==> flow/design.v <==
module core_data_mux_top #(
    parameter DATA_WIDTH = 20
) (
    input  wire sys_clk,
    input  wire RSTN,
    input  wire [DATA_WIDTH-1:0] i_data_0,
    input  wire [DATA_WIDTH-1:0] i_data_1,
    input  wire [DATA_WIDTH-1:0] i_data_2,
    input  wire [DATA_WIDTH-1:0] i_data_3,
    input  wire [DATA_WIDTH-1:0] i_data_4,
    input  wire [DATA_WIDTH-1:0] i_data_5,
    input  wire [2:0] i_select,
    output wire [DATA_WIDTH-1:0] o_out
);
    reg [DATA_WIDTH-1:0] tmp;
    always @* begin
        if (i_select == 0) tmp = i_data_0;
        else if (i_select == 1) tmp = i_data_1;
        else if (i_select == 2) tmp = i_data_2;
        else if (i_select == 3) tmp = i_data_3;
        else if (i_select == 4) tmp = i_data_4;
        else tmp = i_data_5;
    end
    reg [DATA_WIDTH-1:0] out_reg;
    always @(posedge sys_clk) begin
        if (!RSTN) begin
            out_reg <= 0;
        end else begin
            out_reg <= tmp;
        end
    end
    assign o_out = out_reg;
endmodule
Reports on core_data_mux_top
The steps from the RTL of core_data_mux_top to its reports follow in flow order.
Line numbers count from 1 in the design file above.
Cell names lack the library's common part.
{ "setup": {"top_module": "core_data_mux_top", "clock": "sys_clk", "cell_library": "sky130hd", "lib_corner": "tt_025C_1v80"} }

Word level
Counts by Yosys on the flattened word-level netlist (proc, flatten, opt, wreduce; memories kept). Register bits leave out memories and registers merged into their read ports (data or address); mux counts leave out enables and synchronous resets folded into registers. Print and check cells are left out. Cells with the same type and inputs are merged into one.
{ "classes": {"n_eq": 4, "reduce_and_logical": 1, "muxes": 5} }
{ "ops": {"columns": ["cell", "count"], "rows": [
  ["20-bit 2-to-1 mux", 5],
  ["3-bit by 2-bit equality test with 1-bit output with constant B", 2],
  ["3-bit by 1-bit equality test with 1-bit output with constant B", 1],
  ["3-bit equality test with constant B", 1],
  ["3-bit zero test", 1]
]} }
{ "bits": {"wordCells": 11, "output_inout_bits": 20, "regBits": 20} }

Logic depth
Depth = most cells in a row (Yosys ltp): at word level without a register or memory, in the mapped netlist without a sequential cell, where the memories' decode and read muxes count.
{ "depth": {"ltp_word": 6, "abc_area": 0, "mapped_depth": 6, "depth_no_buf": 4} }

After synthesis
Source: synth_stat.txt of the flow (Yosys; design flattened, memories mapped). It holds for the ABC_AREA given above (unset counts as 0); a run with the other value may have another netlist.
{ "by_type": {"columns": ["cell", "count", "type_area_um2"], "rows": [
  ["dfxtp_1", 20, 400.384],
  ["a211oi_2", 20, 250.24],
  ["o22ai_1", 40, 250.24],
  ["o32a_1", 20, 200.192],
  ["o32ai_1", 20, 175.168],
  ["a21boi_0", 20, 150.144],
  ["o21ai_0", 20, 100.096],
  ["nor2_1", 20, 75.072],
  ["clkbuf_1", 18, 67.565],
  ["buf_6", 3, 33.782],
  ["buf_4", 4, 30.029],
  ["buf_2", 5, 25.024],
  ["nand2b_1", 2, 12.512],
  ["or2_4", 1, 8.758],
  ["nand2_1", 2, 7.507],
  ["or2b_1", 1, 7.507],
  ["or3_1", 1, 6.256],
  ["clkinv_1", 1, 3.754]
]} }
{ "synth_totals": {"n_buf": 30, "yosys_area_um2": 1804.2, "ff_cells": 20, "cell_count": 218, "seq_area_um2": 400.4} }

Worst setup path after synthesis
Path of least setup slack by OpenSTA after synthesis, without wires, with an ideal clock, recovery checks aside; 20% of the period is set as input and as output delay. Where synthesis merged equal registers, the netlist keeps one of their names.
{ "synth_timing": {"path_kind": "input-to-reg", "startpoint": "in i_select[1]", "endpoint": "reg out_reg[0]", "path_stages": 6, "clock_period_ps": 1660, "n_path_buf": 2, "path_delay_ps": 1064, "slack_ps": 264, "arrival_time_ps": 1249, "setup_time_ps": 147, "required_ps": 1513, "period_less_setup_slack_ps": 1396} }
"path_delay_ps" = arrival - input delay + setup time.
"path_stages" counts driving pins, that of a launching flip-flop among them; a cell with two outputs on the path counts twice.
"period_less_setup_slack_ps" is the clock period less the worst setup slack; recovery checks do not enter. This is arithmetic on one report: input and output delays are still those of the set period (20% each).
Between the ends stands the longest chain of elaborated cells between them, by number of cells; it is not shown to be the way that was timed. Of several equally long chains one is given.
A line is the first line of the expression or statement that the cell stems from. Yosys adds cells for indexed reads and writes and turns some case tables into memories.
{ "synth_between": {"path_cell_list": "buf_6 or2_4 buf_6 o32ai_1 o32a_1 a211oi_2", "elab_chain_cells": 6, "cone_cells": 10, "cone_classes": "eq/ne (4); mux (5); reduce/logical (1)"} }
{ "synth_rtl": {"columns": ["item", "line_no", "source"], "rows": [
  ["start, declared", 12, "input  wire [2:0] i_select,"],
  ["3-bit equality test", 21, "else if (i_select == 4) tmp = i_data_4;"],
  ["20-bit 2-to-1 mux", 21, null],
  ["20-bit 2-to-1 mux", 20, "else if (i_select == 3) tmp = i_data_3;"],
  ["20-bit 2-to-1 mux", 19, "else if (i_select == 2) tmp = i_data_2;"],
  ["20-bit 2-to-1 mux", 18, "else if (i_select == 1) tmp = i_data_1;"],
  ["20-bit 2-to-1 mux", 17, "if (i_select == 0) tmp = i_data_0;"],
  ["end, assigned", 27, "out_reg <= 0;"],
  ["end, assigned", 29, "out_reg <= tmp;"],
  ["end, declared", 24, "reg [DATA_WIDTH-1:0] out_reg;"]
]} }

Timing after layout
Path of least setup slack in the final report of run B (OpenROAD, finished layout, wires in). Where an end is a register, its clock arrival counts in the times.
The path's times are printed in steps of 10 ps; the period is the one set.
{ "layout_timing": {"path_kind": "input-to-reg", "startpoint": "in i_select[2]", "endpoint": "reg out_reg[1]", "slack_ps": 170, "n_path_buf": 2, "required_ps": 1800, "setup_time_ps": 110, "arrival_time_ps": 1630, "path_stages": 6, "clock_period_ps": 1660} }
Between the ends stands the longest chain of elaborated cells between them, by number of cells; it is not shown to be the way that was timed. Of several equally long chains one is given.
{ "layout_between": {"path_cell_list": "dlygate4sd2_1 clkinv_1 buf_12 o32ai_1 o32a_1 a211oi_2", "elab_chain_cells": 6, "cone_cells": 10, "cone_classes": "eq/ne (4); mux (5); reduce/logical (1)"} }
{ "layout_rtl": {"columns": ["item", "line_no", "source"], "rows": [
  ["start, declared", 12, "input  wire [2:0] i_select,"],
  ["3-bit equality test", 21, "else if (i_select == 4) tmp = i_data_4;"],
  ["20-bit 2-to-1 mux", 21, null],
  ["20-bit 2-to-1 mux", 20, "else if (i_select == 3) tmp = i_data_3;"],
  ["20-bit 2-to-1 mux", 19, "else if (i_select == 2) tmp = i_data_2;"],
  ["20-bit 2-to-1 mux", 18, "else if (i_select == 1) tmp = i_data_1;"],
  ["20-bit 2-to-1 mux", 17, "if (i_select == 0) tmp = i_data_0;"],
  ["end, assigned", 27, "out_reg <= 0;"],
  ["end, assigned", 29, "out_reg <= tmp;"],
  ["end, declared", 24, "reg [DATA_WIDTH-1:0] out_reg;"]
]} }

==> runs of core_data_mux_top <==
Measured data: module core_data_mux_top, platform sky130hd, 3 stored runs of the flow under differing settings, order arbitrary. Input and output delays are each 20% of the period that was set; the output load is 0.01 pF.
"achieved_clock_period_ps" = clock period - worst setup slack. The figure is calculated, with input and output delays left at 20% of the set period.
"worst_path_allowed_less_slack_ps" is the time allowed to the run's worst setup path (the clock period less input and output delay, where it has them) less its slack. Clock arrival times count: a late capture clock shortens it, a late launch clock lengthens it.
"fin_power_w" is the tool's figure for a default switching activity; nothing was simulated.
"worst_path_allowed_less_slack_ps" is given in steps of 10 ps.

Run A
==> flow/run.sh <==
#!/bin/bash
# the make line also repeats the synthesis and layout settings of config.mk as NAME=value (left out here)
make -C /OpenROAD-flow-scripts/flow DESIGN_CONFIG=/design/flow/config.mk WORK_HOME=/design/flow/orfs CLKGATE_MAP_FILE= finish
==> flow/config.mk <==
export PLATFORM = sky130hd
export DESIGN_NAME = core_data_mux_top
export DESIGN_NICKNAME = core_data_mux_top
export VERILOG_FILES = /design/flow/design.v
export SDC_FILE = /design/flow/constraint.sdc
export NUM_CORES = 4
export LEC_CHECK = 0
export CAP_MARGIN = 20
export CORE_ASPECT_RATIO = 0.59
export CORE_MARGIN = 2
export CORE_UTILIZATION = 60
export CTS_CLUSTER_SIZE = 50
export GPL_ROUTABILITY_DRIVEN = 0
export PLACE_DENSITY_LB_ADDON = 0.11
export SETUP_SLACK_MARGIN = 0.16
export SLEW_MARGIN = 20
==> flow/constraint.sdc <==
create_clock -name core_clock -period 1.42 [get_ports {sys_clk}]
set_input_delay 0.2840 -clock core_clock [delete_from_list [all_inputs] [get_ports {sys_clk}]]
set_output_delay 0.2840 -clock core_clock [all_outputs]
set_load 0.01 [all_outputs]

==> results of run A, as JSON <==
{
  "outcome": "not finished: placement ended with error FLW-0024"
}

Run B
==> flow/run.sh <==
#!/bin/bash
# the make line also repeats the synthesis and layout settings of config.mk as NAME=value (left out here)
make -C /OpenROAD-flow-scripts/flow DESIGN_CONFIG=/design/flow/config.mk WORK_HOME=/design/flow/orfs CLKGATE_MAP_FILE= finish
==> flow/config.mk <==
export PLATFORM = sky130hd
export DESIGN_NAME = core_data_mux_top
export DESIGN_NICKNAME = core_data_mux_top
export VERILOG_FILES = /design/flow/design.v
export SDC_FILE = /design/flow/constraint.sdc
export NUM_CORES = 4
export LEC_CHECK = 0
export CAP_MARGIN = 20
export CORE_MARGIN = 2
export CORE_UTILIZATION = 40
export SLEW_MARGIN = 20
==> flow/constraint.sdc <==
create_clock -name core_clock -period 1.66 [get_ports {sys_clk}]
set_input_delay 0.3320 -clock core_clock [delete_from_list [all_inputs] [get_ports {sys_clk}]]
set_output_delay 0.3320 -clock core_clock [all_outputs]
set_load 0.01 [all_outputs]

==> results of run B, as JSON <==
{
  "setup_tns_ps": 0,
  "worstSetupSlack_ps": 171,
  "dieArea_um2": 5063.8,
  "achieved_clock_period_ps": 1489,
  "final_stdcell_area_um2": 3413.3,
  "fin_power_w": 0.001784,
  "worst_hold_slack_ps": 771,
  "worst_path_allowed_less_slack_ps": 1160,
  "path_kind": "input-to-reg",
  "post_route_util_pct": 78.4,
  "synthesis_area_um2": 1804.2
}

Run C
==> flow/run.sh <==
#!/bin/bash
# the make line also repeats the synthesis and layout settings of config.mk as NAME=value (left out here)
make -C /OpenROAD-flow-scripts/flow DESIGN_CONFIG=/design/flow/config.mk WORK_HOME=/design/flow/orfs CLKGATE_MAP_FILE= finish
==> flow/config.mk <==
export PLATFORM = sky130hd
export DESIGN_NAME = core_data_mux_top
export DESIGN_NICKNAME = core_data_mux_top
export VERILOG_FILES = /design/flow/design.v
export SDC_FILE = /design/flow/constraint.sdc
export NUM_CORES = 4
export LEC_CHECK = 0
export CAP_MARGIN = 20
export CELL_PAD_IN_SITES_DETAIL_PLACEMENT = 2
export CELL_PAD_IN_SITES_GLOBAL_PLACEMENT = 1
export CORE_ASPECT_RATIO = 1.8
export CORE_MARGIN = 2
export CORE_UTILIZATION = 59
export GPL_TIMING_DRIVEN = 0
export HOLD_SLACK_MARGIN = 0.09
export MAX_ROUTING_LAYER = met4
export PLACE_DENSITY_LB_ADDON = 0.25
export SETUP_SLACK_MARGIN = 0.14
export SLEW_MARGIN = 25
export TNS_END_PERCENT = 80
==> flow/constraint.sdc <==
create_clock -name core_clock -period 1.04 [get_ports {sys_clk}]
set_input_delay 0.2080 -clock core_clock [delete_from_list [all_inputs] [get_ports {sys_clk}]]
set_output_delay 0.2080 -clock core_clock [all_outputs]
set_load 0.01 [all_outputs]

==> results of run C, as JSON <==
{
  "outcome": "not finished: placement ended with error FLW-0024"
}
